==> flow/design.v <==
module ex_sel_unit_n (aclk, RSTN, in, idx, res);
  parameter BITS = 8;
  parameter LANES = 10;
  input aclk;
  input RSTN;
  input [LANES*BITS-1:0] in;
  input [LANES-1:0] idx;
  output reg [BITS-1:0] res;
  reg [BITS-1:0] r;
  integer t;
  always @* begin
    r = 0;
    for (t = 0; t < LANES; t = t + 1)
      r = r | (in[t*BITS +: BITS] & {BITS{idx[t]}});
  end
  always @(posedge aclk) begin
    if (~RSTN) begin
      res <= 0;
    end else begin
      res <= r;
    end
  end
endmodule
Reports on ex_sel_unit_n
Tool output for the design above, in the order of the flow.
Line numbers count from 1 in the design file above.
Operators carry their Yosys type and port widths (W data, S select, Z words).
Cell names lack the library's common part.
A cell with -- has no value.

design
  top = ex_sel_unit_n
  clock port = aclk
  cell library = sky130hd
  library corner = tt_025C_1v80

Elaborated design
Counts by Yosys on the flattened word-level netlist (proc, flatten, opt, wreduce; memories kept). Register bits leave out memories and registers merged into their read ports (data or address); mux counts leave out enables and synchronous resets folded into registers. Print and check cells are left out. Cells with the same type and inputs are merged into one.

cells by class
  bitwise gates (word level) = 19

operator list
  cell           count
  $and A8 B8 Y8  10
  $or A8 B8 Y8   9

storage and ports
  register bits after elaboration = 8
  cells after elaboration = 20
  output and inout bits = 8

Depth
Yosys ltp: most cells in a row. Word level: on the elaborated netlist, between registers, memories and ports. Mapped: between sequential cells and ports; inverters and the memories' decode and read muxes count.

logic depth
  word-level depth = 10
  ABC_AREA = 0
  depth in mapped cells = 4
  depth with buffers taken out = 3

After synthesis
The flow's flattened synthesis, as Yosys stat reports it; memories are mapped. The netlist is that of the ABC_AREA named above (0 if unset); the other value can give another one.
The area totals of this step are shown rounded.

mapped netlist
  mapped cells = 67
  cell area after synthesis = 660 um^2
  flip-flop cells = 8

cell types
  cell      count
  dfxtp_1   8
  a22o_1    15
  a221oi_1  13
  a22oi_1   8
  buf_6     5
  a31oi_1   8
  a221oi_2  3
  a22o_2    1
  buf_2     2
  buf_4     1
  clkbuf_1  2
  inv_1     1

Worst setup path after synthesis
OpenSTA on the mapped netlist: ideal clock, no wires. The path of least setup slack (recovery checks aside). Input and output delay are each 20% of the period. Register names are those of the netlist, which keeps one name where synthesis merged equal registers.

path post-synthesis
  kind = input -> register
  start point = in idx[1]
  end point = reg res[2]
  delay of the path = 0.726 ns
  stages = 4
  input delay = 0.226 ns
  time at the first pin = 0.226 ns
  path buffers = 1
  slack = 0.178 ns
  data arrival time = 0.823 ns
  period = 1.13 ns
  setup time = 0.129 ns
  synthesis period reached = 0.952 ns

"delay of the path" is the arrival time less input delay plus setup time.
"stages" counts driving pins, that of a launching flip-flop among them; a cell with two outputs on the path counts twice.
"synthesis period reached" is the clock period less the worst setup slack; recovery checks do not enter. This is arithmetic on one report: input and output delays are still those of the set period (20% each).
Between the ends stands the longest chain of elaborated cells between them, by number of cells; it is not shown to be the way that was timed. Of several equally long chains one is given.
A line is the first line of the expression or statement that the cell stems from. Yosys adds cells for indexed reads and writes and turns some case tables into memories.

on the way, post-synthesis
  path through = buf_2 a22o_1 a221oi_2 a31oi_1
  length of the longest elaborated chain = 10
  elaborated cells on any way between the ends = 10
  RTL lines with such cells = 1

ends and longest elaborated chain, post-synthesis
  item                       line  text
  start: declaration         7     input [LANES-1:0] idx;
  $and A8 B8 Y8              14    r = r | (in[t*BITS +: BITS] & {BITS{idx[t]}});
  $or A8 B8 Y8 (9 in a row)  14
  end: assignment            18    res <= 0;
  end: assignment            20    res <= r;
  end: declaration           8     output reg [BITS-1:0] res;

Timing after layout
Path of least setup slack in the final report of job 3 (OpenROAD, finished layout, wires in). Where an end is a register, its clock arrival counts in the times.

path post-layout
  kind = register -> output
  start point = reg res[2]
  end point = out res[2]
  stages = 2
  data arrival time = 0.68 ns
  output delay = 0.20 ns
  slack = 0.11 ns
  time at the first pin = 0.25 ns
  path buffers = 1
  period = 0.978 ns

on the way, post-layout
  path through = dfxtp_1 buf_2
  length of the longest elaborated chain = 0
  elaborated cells on any way between the ends = 0
  RTL lines with such cells = 0

ends and longest elaborated chain, post-layout
  item                line  text
  start: declaration  8     output reg [BITS-1:0] res;
  start: assignment   18    res <= 0;
  start: assignment   20    res <= r;
  end: declaration    8

## Implementation results

Stored flow runs of ex_sel_unit_n (3 of them; Yosys, OpenROAD, sky130hd). They differ in their settings and are not a sequence. Constraints: input delay and output delay 20% of the set period each, output load 0.01 pF.
"worst path time" is the time allowed to the run's worst setup path (the clock period less input and output delay, where it has them) less its slack. Clock arrival times count: a late capture clock shortens it, a late launch clock lengthens it.
The results are shown rounded.
Among the settings, - means not set for that run.
Results: - = not shown.

setting or result                        job 1  job 2  job 3
period_ns                                1.4    1.13   0.978
CORE_UTILIZATION                         33     40     26
SETUP_SLACK_MARGIN                       -0.12  -      0.1
PLACE_DENSITY_LB_ADDON                   0.04   -      0.17
CORE_ASPECT_RATIO                        0.93   -      1.06
CELL_PAD_IN_SITES_DETAIL_PLACEMENT       2      -      -
GPL_TIMING_DRIVEN                        1      -      0
CTS_CLUSTER_SIZE                         18     -      -
CAP_MARGIN                               20     20     20
CORE_MARGIN                              2      2      4
SLEW_MARGIN                              20     20     20
TNS_END_PERCENT                          -      -      70
sum of negative setup slack (ns)         -      -      0.000
cell area after synthesis (um^2)         -      -      660
standard-cell area after routing (um^2)  -      -      1700
worst setup slack after layout (ns)      -      -      0.11
final worst hold slack (ns)              -      -      0.27
worst path time (ns)                     -      -      0.68
class of the worst setup path            -      -      register -> output
die area (um^2)                          -      -      3400
final design utilization (%)             -      -      74

Job 1: incomplete, placement halted on DPL-0033
Job 2: incomplete, placement halted on GPL-0301
